==> flow/design.v <==
module add_unit_top #(
    parameter integer DW = 5,
    parameter integer NIN = 12,
    parameter integer SUM_W = DW + $clog2(NIN)
) (
    input logic aclk,
    input logic [NIN*DW-1:0] bus,
    output logic [SUM_W-1:0] o
);
    logic [NIN*DW-1:0] bus_reg;
    always_ff @(posedge aclk)
        bus_reg <= bus;
    logic [SUM_W-1:0] work;
    always_comb begin
        work = 0;
        for (int n = 0; n < NIN; n++)
            work = work + bus_reg[n*DW +: DW];
    end
    assign o = work;
endmodule
--- tool output ---
From RTL to reports: add_unit_top
A sweep over "DW": the same steps for each member of the family.
The file above is the member DW=5. Line numbers count from 1 in each member's own file.
Cell names lack the library's common part.
The mark n/a stands for no value.
Set-up
  design top: add_unit_top
  clock: aclk
  cell library: sky130hd
  timing corner: tt_025C_1v80

Members of the sweep
Lines of each other member's file that are new or changed against the file above; lines that a member lacks are not shown.
Lines new or changed
  DW 7: RTL line 2  | parameter integer DW = 7,
  DW 10: RTL line 2  | parameter integer DW = 10,
  DW 24: RTL line 2  | parameter integer DW = 24,
  DW 32: RTL line 2  | parameter integer DW = 32,

After elaboration
Yosys after proc, flatten, opt, wreduce and memory -nomap, before mapping. Enables and synchronous resets that opt folds into registers are not counted as muxes. Memory bits, and registers merged into a memory's read port (data or address), are not among the register bits. Print and check cells are not counted. Equal cells are merged and count once.
Cells by class (add/subtract/negate cells)
  DW 5: 11
  DW 7: 11
  DW 10: 11
  DW 24: 11
  DW 32: 11
Operator list (kind and count)
  DW 5: 7 x 9-bit by 5-bit adder with 9-bit output; 1 x 8-bit by 5-bit adder with 9-bit output; 1 x 7-bit by 5-bit adder with 8-bit output; 1 x 6-bit by 5-bit adder with 7-bit output; 1 x 5-bit by 5-bit adder with 6-bit output
  DW 7: 7 x 11-bit by 7-bit adder with 11-bit output; 1 x 10-bit by 7-bit adder with 11-bit output; 1 x 9-bit by 7-bit adder with 10-bit output; 1 x 8-bit by 7-bit adder with 9-bit output; 1 x 7-bit by 7-bit adder with 8-bit output
  DW 10: 7 x 14-bit by 10-bit adder with 14-bit output; 1 x 13-bit by 10-bit adder with 14-bit output; 1 x 12-bit by 10-bit adder with 13-bit output; 1 x 11-bit by 10-bit adder with 12-bit output; 1 x 10-bit by 10-bit adder with 11-bit output
  DW 24: 7 x 28-bit by 24-bit adder with 28-bit output; 1 x 27-bit by 24-bit adder with 28-bit output; 1 x 26-bit by 24-bit adder with 27-bit output; 1 x 25-bit by 24-bit adder with 26-bit output; 1 x 24-bit by 24-bit adder with 25-bit output
  DW 32: 7 x 36-bit by 32-bit adder with 36-bit output; 1 x 35-bit by 32-bit adder with 36-bit output; 1 x 34-bit by 32-bit adder with 35-bit output; 1 x 33-bit by 32-bit adder with 34-bit output; 1 x 32-bit by 32-bit adder with 33-bit output
Word-level totals
  DW 5: register bits after elaboration 60, input bits 61, output and inout bits 9, cells after elaboration 12
  DW 7: register bits after elaboration 84, input bits 85, output and inout bits 11, cells after elaboration 12
  DW 10: register bits after elaboration 120, input bits 121, output and inout bits 14, cells after elaboration 12
  DW 24: register bits after elaboration 288, input bits 289, output and inout bits 28, cells after elaboration 12
  DW 32: register bits after elaboration 384, input bits 385, output and inout bits 36, cells after elaboration 12

Depth
Yosys ltp: most cells in a row. Word level: on the elaborated netlist, between registers, memories and ports. Mapped: between sequential cells and ports; inverters and the memories' decode and read muxes count.
Depth
  DW 5: depth in word-level cells 11, ABC_AREA 0, gate-level depth with buffers 18, depth with buffers taken out 18
  DW 7: depth in word-level cells 11, ABC_AREA 0, gate-level depth with buffers 17, depth with buffers taken out 17
  DW 10: depth in word-level cells 11, ABC_AREA 0, gate-level depth with buffers 17, depth with buffers taken out 17
  DW 24: depth in word-level cells 11, ABC_AREA 0, gate-level depth with buffers 19, depth with buffers taken out 19
  DW 32: depth in word-level cells 11, ABC_AREA 0, gate-level depth with buffers 21, depth with buffers taken out 21

Netlist
The flow's flattened synthesis, as Yosys stat reports it; memories are mapped. The netlist is that of the ABC_AREA named above (0 if unset); the other value can give another one.
Totals and module areas in this step are rounded.
Synthesis totals
  DW 5: cells in the netlist 204, synthesis area 2698 sq um, area of sequential cells 1201 sq um, mapped flip-flops 60, buffers 0
  DW 7: cells in the netlist 290, synthesis area 3777 sq um, area of sequential cells 1682 sq um, mapped flip-flops 84, buffers 0
  DW 10: cells in the netlist 451, synthesis area 5535 sq um, area of sequential cells 2402 sq um, mapped flip-flops 120, buffers 0
  DW 24: cells in the netlist 1139, synthesis area 13530 sq um, area of sequential cells 5766 sq um, mapped flip-flops 288, buffers 6
  DW 32: cells in the netlist 1525, synthesis area 18070 sq um, area of sequential cells 7687 sq um, mapped flip-flops 384, buffers 11
Cell types (type and count)
  DW 5: 60 x dfxtp_1; 47 x fa_1; 66 x inv_1; 14 x ha_1; 3 x xnor2_1; 1 x nor2b_4; 1 x a211oi_2; 2 x a21oi_1; 2 x o21ai_0; 1 x o31a_2; 1 x a21oi_2; 1 x o21ai_2; 1 x a21o_1; 1 x o21a_1; 1 x o21bai_1; 1 x nand2b_1; 1 x nor2_1
  DW 7: 84 x dfxtp_1; 67 x fa_1; 97 x inv_1; 16 x ha_1; 5 x xnor2_1; 3 x a21oi_1; 1 x nor2b_4; 1 x a211oi_2; 2 x or3_1; 1 x a21boi_2; 1 x a21oi_2; 1 x o21ai_2; 1 x xor2_1; 1 x a211oi_1; 2 x nand2_1; 1 x nand3b_1; 2 x nor2_1; 1 x o21a_1; [+3]
  DW 10: 120 x dfxtp_1; 97 x fa_1; 164 x inv_1; 19 x ha_1; 6 x xnor2_1; 6 x nand3_1; 5 x a21oi_1; 2 x a21oi_2; 2 x a21o_1; 3 x nor3_1; 3 x o21ai_0; 2 x o21bai_1; 1 x a211oi_2; 2 x a31oi_1; 1 x a2111o_1; 1 x o211a_1; 2 x o21ai_1; 1 x a221oi_1; [+14]
  DW 24: 288 x dfxtp_1; 237 x fa_1; 408 x inv_1; 33 x ha_1; 27 x a21oi_1; 13 x xnor2_1; 13 x a21o_1; 19 x nand2_1; 8 x xor2_1; 11 x nand3_1; 8 x o21ai_0; 10 x nor2_1; 7 x nor3_1; 5 x and3_1; 4 x o21bai_1; 4 x a31oi_1; 4 x buf_2; 3 x nand4_1; [+37]
  DW 32: 384 x dfxtp_1; 317 x fa_1; 554 x inv_1; 41 x ha_1; 33 x a21oi_1; 21 x a21o_1; 16 x xnor2_1; 31 x nand2_1; 11 x xor2_1; 24 x nor2_1; 9 x nand4_1; 11 x o21ai_0; 3 x o2111ai_2; 5 x o21a_1; 6 x nand3_1; 4 x o211ai_1; 4 x o21bai_1; 3 x a21oi_2; [+48]
A list marked [+n] leaves out that many cells.

Timing after synthesis
Path of least setup slack by OpenSTA after synthesis, without wires, with an ideal clock, recovery checks aside; 20% of the period is set as input and as output delay. Where synthesis merged equal registers, the netlist keeps one of their names.
Timing post-synthesis
  DW 5: kind register to output, start register bus_reg[2], end output o[6], period 6450 ps, slack 1034 ps, driving pins on the path 16, path delay 4126 ps, period reached after synthesis 5416 ps
  DW 7: kind register to output, start register bus_reg[23], end output o[8], period 6450 ps, slack 1030 ps, driving pins on the path 16, path delay 4130 ps, period reached after synthesis 5420 ps
  DW 10: kind register to output, start register bus_reg[62], end output o[10], period 6950 ps, slack 1115 ps, driving pins on the path 16, path delay 4445 ps, period reached after synthesis 5835 ps
  DW 24: kind register to output, start register bus_reg[146], end output o[26], period 7290 ps, slack 1168 ps, driving pins on the path 18, path delay 4664 ps, period reached after synthesis 6122 ps
  DW 32: kind register to output, start register bus_reg[194], end output o[26], period 7790 ps, slack 1249 ps, driving pins on the path 20, path delay 4983 ps, period reached after synthesis 6541 ps
"path delay" is the arrival time less input delay plus setup time.
At an output port there is no setup time.
"driving pins on the path" counts driving pins, that of a launching flip-flop among them; a cell with two outputs on the path counts twice.
"period reached after synthesis" = period - worst setup slack (recovery checks aside). The figure is calculated, with input and output delays left at 20% of the set period.
The rows between start and end are the longest chain of elaborated cells between them; the timing report does not say that the signal goes this way. Where chains are equally long, one stands for them.
A line is the first line of the expression or statement that the cell stems from. Yosys adds cells for indexed reads and writes and turns some case tables into memories.
On the way, post-synthesis, DW=5
  cells in the longest elaborated chain: 11
RTL lines, path post-synthesis, DW=5
  from (decl): RTL line 10  | logic [NIN*DW-1:0] bus_reg;
  from (assign): RTL line 12  | bus_reg <= bus;
  5-bit by 5-bit adder with 6-bit output: RTL line 17  | work = work + bus_reg[n*DW +: DW];
  6-bit by 5-bit adder with 7-bit output: RTL line 17
  7-bit by 5-bit adder with 8-bit output: RTL line 17
  8-bit by 5-bit adder with 9-bit output: RTL line 17
  9-bit by 5-bit adder with 9-bit output (7 in a row): RTL line 17
  to (decl): RTL line 8  | output logic [SUM_W-1:0] o
On the way, post-synthesis, DW=32
  cells in the longest elaborated chain: 6
RTL lines, path post-synthesis, DW=32
  from (decl): RTL line 10  | logic [NIN*DW-1:0] bus_reg;
  from (assign): RTL line 12  | bus_reg <= bus;
  36-bit by 32-bit adder with 36-bit output (6 in a row): RTL line 17  | work = work + bus_reg[n*DW +: DW];
  to (decl): RTL line 8  | output logic [SUM_W-1:0] o

Timing after layout
Path of least setup slack in the final report of each member's run (OpenROAD, finished layout, wires in). Where an end is a register, its clock arrival counts in the times.
The path's times are printed in steps of 10 ps; the period is the one set.
Timing post-layout
  DW 5: kind register to output, start register bus_reg[3], end output o[5], period 6450 ps, slack 260 ps, driving pins on the path 15, arrival time 4900 ps, path buffers 1
  DW 7: kind register to output, start register bus_reg[4], end output o[5], period 6450 ps, slack 360 ps, driving pins on the path 15, arrival time 4800 ps, path buffers 1
  DW 10: kind register to output, start register bus_reg[63], end output o[11], period 6950 ps, slack 320 ps, driving pins on the path 16, arrival time 5240 ps, path buffers 1
  DW 24: kind register to output, start register bus_reg[146], end output o[12], period 7290 ps, slack 250 ps, driving pins on the path 18, arrival time 5580 ps, path buffers 1
  DW 32: kind register to output, start register bus_reg[102], end output o[11], period 7790 ps, slack 250 ps, driving pins on the path 19, arrival time 5980 ps, path buffers 1

Layout results
One run of the flow (Yosys, OpenROAD) for each member, with settings and measured results. Input and output delays are each 20% of the period that was set; the output load is 0.01 pF.
Flow settings
  CAP_MARGIN: 20
  CORE_MARGIN: 2
  CORE_UTILIZATION: 40
  SLEW_MARGIN: 20
Settings by member (period_ns)
  DW 5: 6.45
  DW 7: 6.45
  DW 10: 6.95
  DW 24: 7.29
  DW 32: 7.79
Final reports
  DW 5: Yosys chip area after synthesis 2698 sq um, die outline area 7417 sq um, standard-cell area after layout 3635 sq um, utilization after layout 56.6%, setup slack of the critical path 258 ps, setup total negative slack 0 ps, worst hold slack in the final report 1407 ps, achieved period 6192 ps
  DW 7: Yosys chip area after synthesis 3777 sq um, die outline area 10240 sq um, standard-cell area after layout 5075 sq um, utilization after layout 55.2%, setup slack of the critical path 356 ps, setup total negative slack 0 ps, worst hold slack in the final report 1371 ps, achieved period 6094 ps
  DW 10: Yosys chip area after synthesis 5535 sq um, die outline area 14800 sq um, standard-cell area after layout 7674 sq um, utilization after layout 57.3%, setup slack of the critical path 324 ps, setup total negative slack 0 ps, worst hold slack in the final report 1416 ps, achieved period 6626 ps
  DW 24: Yosys chip area after synthesis 13530 sq um, die outline area 35310 sq um, standard-cell area after layout 18270 sq um, utilization after layout 54.6%, setup slack of the critical path 253 ps, setup total negative slack 0 ps, worst hold slack in the final report 1343 ps, achieved period 7037 ps
  DW 32: Yosys chip area after synthesis 18070 sq um, die outline area 46890 sq um, standard-cell area after layout 24520 sq um, utilization after layout 55.2%, setup slack of the critical path 253 ps, setup total negative slack 0 ps, worst hold slack in the final report 1437 ps, achieved period 7537 ps
"achieved period" = clock period - worst setup slack. The figure is calculated, with input and output delays left at 20% of the set period.
Results are given in rounded form.
--- end ---
